==> flow/design.v <==
module cmp4 (
  input logic [3:0] a,
  input logic [3:0] b,
  input logic gi,
  input logic ei,
  output logic go,
  output logic eo
);
  assign go = (a > b) | ((a == b) & gi);
  assign eo = (a == b) & ei;
endmodule
module u_mag_cmp_blk #(
  parameter DATA_WIDTH = 40
) (
  input  logic core_clk,
  input  logic en,
  input  logic [DATA_WIDTH-1:0] A,
  input  logic [DATA_WIDTH-1:0] B,
  output logic a_gt_b,
  output logic is_eq
);
  logic [DATA_WIDTH-1:0] A_s;
  logic [DATA_WIDTH-1:0] B_s;
  always_ff @(posedge core_clk) begin
    if (en) begin
      A_s <= A;
      B_s <= B;
    end
  end
  localparam NBLK = DATA_WIDTH / 4;
  logic [NBLK:0] g;
  logic [NBLK:0] e;
  assign g[0] = 1'b0;
  assign e[0] = 1'b1;
  for (genvar gi = 0; gi < NBLK; gi++) begin : u_g
    cmp4 el (.a(A_s[4*gi +: 4]), .b(B_s[4*gi +: 4]), .gi(g[gi]), .ei(e[gi]), .go(g[gi+1]), .eo(e[gi+1]));
  end
  assign a_gt_b = g[NBLK];
  assign is_eq = e[NBLK];
endmodule
# Reports on u_mag_cmp_blk
# What the tools print for u_mag_cmp_blk, step after step.
# Lines are those of the file above, counted from 1.
# Cell names lack the library's common part.
# A cell with - has no value.
[design]
top = "u_mag_cmp_blk"
clock_port = "core_clk"
cell_library = "sky130hd"
corner = "tt_025C_1v80"

# Word level
# Counts by Yosys on the flattened word-level netlist (proc, flatten, opt, wreduce; memories kept). Register bits leave out memories and registers merged into their read ports (data or address); mux counts leave out enables and synchronous resets folded into registers. Print and check cells are left out. Cells with the same type and inputs are merged into one.
[bits]
regBits = 80
inputBits = 82
output_inout_bits = 2
wordCells = 49
[classes]
n_cmp = 10
equal = 10
n_logic = 27
[ops]
columns = ["operator", "count"]
rows = [
  ["greater-than comparator 4 bit", 10],
  ["== test 4 bit", 10],
  ["bitwise AND 1 bit", 18],
  ["OR 1 bit", 9],
]

# Depth
# Yosys ltp: most cells in a row. Word level: on the elaborated netlist, between registers, memories and ports. Mapped: between sequential cells and ports; inverters and the memories' decode and read muxes count.
[logic_depth]
word_depth = 19
ABC_AREA = 0
depth_mapped = 7
depth_no_buf = 7

# Synthesis result
# Source: synth_stat.txt of the flow (Yosys; design flattened, memories mapped). It holds for the ABC_AREA given above (unset counts as 0); a run with the other value may have another netlist.
[mapped]
stdcells = 227
area_um2 = 3470.8
seqArea_um2 = 2402.3
flip_flops = 80
buffers = 0
[types]
columns = ["type", "count", "area_total_um2"]
rows = [
  ["edfxtp_1", 80, 2.4E+03],
  ["ha_1", 40, 500.48],
  ["inv_1", 42, 157.651],
  ["a21oi_1", 11, 55.053],
  ["nand4_1", 8, 50.048],
  ["o21ai_0", 8, 40.038],
  ["nor2b_1", 5, 31.28],
  ["o211ai_1", 4, 30.029],
  ["a211oi_1", 3, 22.522],
  ["nand3_1", 4, 20.019],
  ["nand2b_1", 3, 18.768],
  ["a2111oi_2", 1, 15.014],
  ["a31oi_1", 2, 12.512],
  ["nor4_2", 1, 12.512],
  ["a21boi_2", 1, 11.261],
  ["nand2_1", 3, 11.261],
  ["or3_4", 1, 11.261],
  ["nor3_1", 2, 10.01],
]
# Other cell types: 8; their cells: 8.
# The figures by module come from a second, unflattened synthesis with its own total; it is not the netlist above.
[hier_totals]
hier_cells = 242
hier_area_um2 = 3485.8
# Rows give one instance, submodules left out.
[by_module]
columns = ["module", "instances", "n_cells", "mod_area_um2", "mod_seq_area_um2"]
rows = [
  ["u_mag_cmp_blk", 1, 82, 2409.8, 2402.3],
  ["cmp4", 10, 16, 107.6, 0.0],
]

# Path before layout
# Path of least setup slack by OpenSTA after synthesis, without wires, with an ideal clock, recovery checks aside; 20% of the period is set as input and as output delay. Where synthesis merged equal registers, the netlist keeps one of their names.
[synth_timing]
path_kind = "register -> output"
startpoint = "register A_s[27]"
endpoint = "output port is_eq"
clock_period_ps = 2600
out_delay_ps = 520
launch_ps = 0
t_arrival_ps = 1661
required_ps = 2080
setup_slack_ps = 419
delay_ps = 1661
driving_pins = 5
n_path_buf = 0
synth_period_reached_ps = 2181
# "delay_ps" is the arrival time less input delay plus setup time.
# At an output port there is no setup time.
# "driving_pins" counts driving pins, that of a launching flip-flop among them; a cell with two outputs on the path counts twice.
# "synth_period_reached_ps" = period - worst setup slack (recovery checks aside). The figure is calculated, with input and output delays left at 20% of the set period.
# The rows between start and end are the longest chain of elaborated cells between them; the timing report does not say that the signal goes this way. Where chains are equally long, one stands for them.
# Each line given opens the expression or statement behind the cell; cells for indexed reads and writes are added by Yosys, which also makes memories of some case tables.
[synth_via]
cell_sequence = "edfxtp_1 > ha_1 > nand4_1 > or4_1 > nor4_2"
elab_chain_cells = 5
cone_cells = 5
classes_between = "eq/ne: 1; logic: 4"
[synth_lines]
columns = ["element", "line", "rtl"]
rows = [
  ["start: declaration", 22, "logic [DATA_WIDTH-1:0] A_s;"],
  ["start: assignment", 26, "A_s <= A;"],
  ["== test 4 bit", 10, "assign eo = (a == b) & ei;"],
  ["bitwise AND 1 bit (4 in a row)", 10, ""],
  ["end: declaration", 20, "output logic is_eq"],
]

# Path in the finished layout
# Path of least setup slack in the final report of run A (OpenROAD, finished layout, wires in). Where an end is a register, its clock arrival counts in the times.
# The report prints the path's times to 10 ps; the period is as set.
[layout_timing]
path_kind = "register -> output"
startpoint = "register A_s[33]"
endpoint = "output port is_eq"
clock_period_ps = 2650
out_delay_ps = 530
launch_ps = 330
t_arrival_ps = 2170
required_ps = 2120
setup_slack_ps = -50
driving_pins = 7
n_path_buf = 2
# The rows between start and end are the longest chain of elaborated cells between them; the timing report does not say that the signal goes this way. Where chains are equally long, one stands for them.
[layout_via]
cell_sequence = "edfxtp_1 > ha_4 > nand4_1 > or3_4 > buf_6 > nor4_4 > buf_2"
elab_chain_cells = 3
cone_cells = 3
classes_between = "eq/ne: 1; logic: 2"
[layout_lines]
columns = ["element", "line", "rtl"]
rows = [
  ["start: declaration", 22, "logic [DATA_WIDTH-1:0] A_s;"],
  ["start: assignment", 26, "A_s <= A;"],
  ["== test 4 bit", 10, "assign eo = (a == b) & ei;"],
  ["bitwise AND 1 bit (2 in a row)", 10, ""],
  ["end: declaration", 20, "output logic is_eq"],
]

# 3 stored runs of u_mag_cmp_blk in the flow (synthesis by Yosys, layout by OpenROAD, sky130hd cells), in arbitrary order. Constraints: input delay and output delay 20% of the set period each, output load 0.01 pF.
# By "period_reached_ps" is meant the clock period of the run minus its worst setup slack. This is arithmetic on one report: input and output delays are still those of the set period (20% each).
# "timing.worst_path_ps" is the time allowed to the run's worst setup path (the clock period less input and output delay, where it has them) less its slack. Clock arrival times count: a late capture clock shortens it, a late launch clock lengthens it.
# "totalPower_w" rests on the timing tool's default activity at the inputs, not on a simulated workload.
# "timing.worst_path_ps" is known to 10 ps.

[[run]]
name = "run A"
[run.settings]
period_ns = 2.65
CORE_UTILIZATION = 37
CORE_ASPECT_RATIO = 0.6
TNS_END_PERCENT = 70
CTS_CLUSTER_DIAMETER = 244
SLEW_MARGIN = 25
CAP_MARGIN = 20
CORE_MARGIN = 2
[run.results]
synth_area_um2 = 3470.8
total_die_area_um2 = 10196.3
layout_stdcell_area_um2 = 4972.3
fin_util_frac = 0.543
worst_setup_slack_ps = -51
fin_tns_ps = -92
hold_ws_ps = 745
totalPower_w = 0.003229
period_reached_ps = 2701
timing.worst_path_ps = 2170
critical_path_kind = "register -> output"

[[run]]
name = "run B"
[run.settings]
period_ns = 2.93
CORE_UTILIZATION = 36
SETUP_SLACK_MARGIN = 0.01
PLACE_DENSITY_LB_ADDON = 0.24
HOLD_SLACK_MARGIN = 0.03
GPL_TIMING_DRIVEN = 0
GPL_ROUTABILITY_DRIVEN = 0
MIN_ROUTING_LAYER = "met2"
MAX_ROUTING_LAYER = "met4"
CAP_MARGIN = 20
CORE_MARGIN = 2
SLEW_MARGIN = 20
[run.results]
synth_area_um2 = 3470.8
total_die_area_um2 = 10442.8
layout_stdcell_area_um2 = 4773.3
fin_util_frac = 0.514
worst_setup_slack_ps = 139
fin_tns_ps = 0
hold_ws_ps = 697
totalPower_w = 0.00243
period_reached_ps = 2791
timing.worst_path_ps = 2210
critical_path_kind = "register -> output"

[[run]]
name = "run C"
[run.settings]
period_ns = 2.6
CAP_MARGIN = 20
CORE_MARGIN = 2
CORE_UTILIZATION = 40
SLEW_MARGIN = 20
[run.results]
synth_area_um2 = 3470.8
total_die_area_um2 = 9438.1
layout_stdcell_area_um2 = 4837.1
fin_util_frac = 0.583
worst_setup_slack_ps = -45
fin_tns_ps = -45
hold_ws_ps = 700
totalPower_w = 0.002775
period_reached_ps = 2645
timing.worst_path_ps = 2130
critical_path_kind = "register -> output"
